==> flow/design.v <==
module cpu_relation_n #(
    parameter integer W = 8,
    parameter integer COUNT = 3
) (
    input wire clk,
    input wire RSTN,
    input wire step,
    input wire [COUNT*W-1:0] in_i,
    output reg [W-1:0] high_o
);
    reg [W-1:0] nxt;
    integer n;
    always @(*) begin
        nxt = in_i[W-1:0];
        for (n = 1; n < COUNT; n = n + 1)
            if (in_i[n*W +: W] > nxt) nxt = in_i[n*W +: W];
    end
    always @(posedge clk or negedge RSTN) begin
        if (!RSTN) begin
            high_o <= 0;
        end else if (step) begin
            high_o <= nxt;
        end
    end
endmodule
From RTL to reports: cpu_relation_n
What the tools print for cpu_relation_n, step after step.
Lines are those of the file above, counted from 1.
Operators: Yosys type, input widths -> output width; for muxes data width and select width s.
Library cell names are shortened.
Not given: -
- top module: cpu_relation_n
- clock: clk
- cell library: sky130hd
- library corner: tt_025C_1v80

Word level
Source: Yosys, flattened and elaborated, memories not mapped. Widths are those after wreduce; folded enables and synchronous resets count as part of the registers. Registers that Yosys merges into a memory's read port (data or address) are not register bits. Print and check cells do not count. Equal cells are merged and count once.
- noted register bits: 8
- noted input bits: 27
- output and inout bits: 8
- elaborated cells: 5
- noted order comparisons: 2
- muxes and demuxes at 2
- operator list (cell ; number):
    $gt 8x8->1 ; 2
    $mux 8 ; 2

Depth
Longest topological path by Yosys (ltp), each cell counted once; first at word level (registers and memories cut), then after technology mapping (sequential cells cut; the memories' decode and read muxes count).
- depth after elaboration at 4
- noted ABC_AREA: 0
- mapped depth at 15
- mapped depth without buffers at 14

Netlist
Source: synth_stat.txt of the flow (Yosys; design flattened, memories mapped). It holds for the ABC_AREA given above (unset counts as 0); a run with the other value may have another netlist.
- noted cell count: 91
- noted chip area (Yosys): 845.8 um^2
- sequential part of the area: 200.2 um^2
- flip-flops at 8
- buffers: 2
- cell types (cell ; number ; total area (um^2)):
    dfrtp_1 ; 8 ; 200.192
    ha_1 ; 16 ; 200.192
    mux2i_1 ; 8 ; 80.077
    a31oi_1 ; 8 ; 50.048
    nor2b_1 ; 8 ; 50.048
    o21ai_1 ; 9 ; 45.043
    inv_1 ; 10 ; 37.536
    a21oi_1 ; 7 ; 35.034
    o22ai_4 ; 1 ; 20.019
    nand4_1 ; 3 ; 18.768
    nand2b_4 ; 1 ; 13.763
    nor2b_4 ; 1 ; 13.763
    nand4_2 ; 1 ; 12.512
    o211ai_2 ; 1 ; 12.512
    buf_2 ; 2 ; 10.01
    a21oi_2 ; 1 ; 8.758
    nand4b_1 ; 1 ; 8.758
    o22a_1 ; 1 ; 8.758
Other cell types: 3; their cells: 4.

Timing after synthesis
Path of least setup slack by OpenSTA after synthesis, without wires, with an ideal clock, recovery checks aside; 20% of the period is set as input and as output delay. Where synthesis merged equal registers, the netlist keeps one of their names.
- kind: input-to-reg
- from: in in_i[1]
- to: reg high_o[1]
- period at 3.9 ns
- input delay: 0.780 ns
- setup time: 0.076 ns
- time at the first pin: 0.780 ns
- arrival: 3.202 ns
- data required time at 3.824 ns
- setup slack at 0.622 ns
- delay of the path: 2.498 ns
- stages at 15
- path buffers at 1
- synthesis period reached at 3.278 ns
"delay of the path" = arrival - input delay + setup time.
"stages": output pins that drive a net of the path, with the launching flip-flop's if there is one; two outputs of one cell count as two.
"synthesis period reached" is the clock period less the worst setup slack; recovery checks do not enter. This is arithmetic on one report: input and output delays are still those of the set period (20% each).
The rows between start and end are the longest chain of elaborated cells between them; the timing report does not say that the signal goes this way. Where chains are equally long, one stands for them.
Each line given opens the expression or statement behind the cell; cells for indexed reads and writes are added by Yosys, which also makes memories of some case tables.
- path through: inv_1 > ha_1 > nor2b_4 > o211ai_2 > a21oi_2 > o22ai_4 > mux2i_1 > ha_1 > a21o_1 > a21oi_1 > a21oi_1 > o22a_1 > buf_2 > nand2b_4 > o21ai_1
- length of the longest elaborated chain at 4
- elaborated cells between the ends (all ways): 4
- noted RTL lines with such cells: 1
- classes of those cells: 2 x compare; 2 x mux
- ends and longest elaborated chain, after synthesis (item ; RTL line ; RTL):
    start: declaration ; 8 ; input wire [COUNT*W-1:0] in_i,
    $gt 8x8->1 ; 16 ; if (in_i[n*W +: W] > nxt) nxt = in_i[n*W +: W];
    $mux 8 ; 16 ;
    $gt 8x8->1 ; 16 ;
    $mux 8 ; 16 ;
    end: assignment ; 20 ; high_o <= 0;
    end: assignment ; 22 ; high_o <= nxt;
    end: declaration ; 9 ; output reg [W-1:0] high_o

Timing after layout
Path of least setup slack in the final report of record 1 (OpenROAD, finished layout, wires in). Where an end is a register, its clock arrival counts in the times.
- kind: input-to-reg
- from: in in_i[1]
- to: reg high_o[1]
- period at 5.69 ns
- input delay: 1.14 ns
- setup time: 0.08 ns
- time at the first pin: 1.14 ns
- arrival: 4.39 ns
- data required time at 5.86 ns
- setup slack at 1.47 ns
- stages at 15
- path buffers at 1
The rows between start and end are the longest chain of elaborated cells between them; the timing report does not say that the signal goes this way. Where chains are equally long, one stands for them.
- path through: clkdlybuf4s50_1 > inv_1 > ha_1 > nor2b_4 > o211ai_2 > a21oi_2 > o22ai_4 > mux2i_1 > ha_1 > a21o_1 > a21oi_1 > a21oi_1 > o22a_1 > nand2b_4 > o21ai_1
- length of the longest elaborated chain at 4
- elaborated cells between the ends (all ways): 4
- noted RTL lines with such cells: 1
- classes of those cells: 2 x compare; 2 x mux
- ends and longest elaborated chain, post-layout (item ; RTL line ; RTL):
    start: declaration ; 8 ; input wire [COUNT*W-1:0] in_i,
    $gt 8x8->1 ; 16 ; if (in_i[n*W +: W] > nxt) nxt = in_i[n*W +: W];
    $mux 8 ; 16 ;
    $gt 8x8->1 ; 16 ;
    $mux 8 ; 16 ;
    end: assignment ; 20 ; high_o <= 0;
    end: assignment ; 22 ; high_o <= nxt;
    end: declaration ; 9 ; output reg [W-1:0] high_o

Appendix: measured runs

Record of 3 stored runs of the RTL-to-layout flow on cpu_relation_n, platform sky130hd. The runs are unordered. Constraints: input delay and output delay 20% of the set period each, output load 0.01 pF.
"clock period reached" = clock period - worst setup slack. The figure is calculated, with input and output delays left at 20% of the set period.
"worst path time" = time allowed to the worst setup path (clock period - input delay - output delay, where it has them) - its slack; a late launch clock adds to it, a late capture clock takes from it.
"total power of the final layout" is the tool's figure for a default switching activity; nothing was simulated.

Record 1
Settings were period_ns = 5.69; CORE_UTILIZATION = 41; SETUP_SLACK_MARGIN = -0.43; PLACE_DENSITY_LB_ADDON = 0.12; CORE_ASPECT_RATIO = 1.19; CELL_PAD_IN_SITES_DETAIL_PLACEMENT = 0; TNS_END_PERCENT = 85; CTS_CLUSTER_SIZE = 60; CTS_CLUSTER_DIAMETER = 207; MIN_ROUTING_LAYER = met2; MAX_ROUTING_LAYER = met4; CAP_MARGIN = 20; CORE_MARGIN = 2; SLEW_MARGIN = 20
- noted the chip area after synthesis (Yosys): 845.8 um^2
- noted the die area: 2,443.5 um^2
- standard-cell area after routing: 1,222.4 um^2
- utilization after routing: 64.6%
- setup slack of the critical path at 1.471 ns
- noted the total negative slack: 0.000 ns
- worst hold slack in the final report: 0.620 ns
- total power of the final layout: 0.0002509 W
- clock period reached: 4.219 ns
- worst path time: 3.08 ns
- type of the worst setup path: input-to-reg

Record 2
Settings were period_ns = 3.9; CAP_MARGIN = 20; CORE_MARGIN = 2; CORE_UTILIZATION = 40; SLEW_MARGIN = 20
- noted the chip area after synthesis (Yosys): 845.8 um^2
- noted the die area: 2,498.5 um^2
- standard-cell area after routing: 1,252.5 um^2
- utilization after routing: 63.2%
- setup slack of the critical path at 0.254 ns
- noted the total negative slack: 0.000 ns
- worst hold slack in the final report: 0.607 ns
- total power of the final layout: 0.0003685 W
- clock period reached: 3.646 ns
- worst path time: 2.87 ns
- type of the worst setup path: input-to-reg

Record 3
Settings were period_ns = 2.54; CORE_UTILIZATION = 41; SETUP_SLACK_MARGIN = -0.11; PLACE_DENSITY_LB_ADDON = 0.19; CORE_ASPECT_RATIO = 1.42; CORE_MARGIN = 5; TNS_END_PERCENT = 15; ABC_AREA = 1; CAP_MARGIN = 20; SLEW_MARGIN = 20
- noted the chip area after synthesis (Yosys): 1,061.0 um^2
- noted the die area: 3,721.0 um^2
- standard-cell area after routing: 2,154.6 um^2
- utilization after routing: 85.1%
- setup slack of the critical path at -0.138 ns
- noted the total negative slack: -1.005 ns
- worst hold slack in the final report: 0.480 ns
- total power of the final layout: 0.0008947 W
- clock period reached: 2.678 ns
- worst path time: 2.17 ns
- type of the worst setup path: input-to-reg
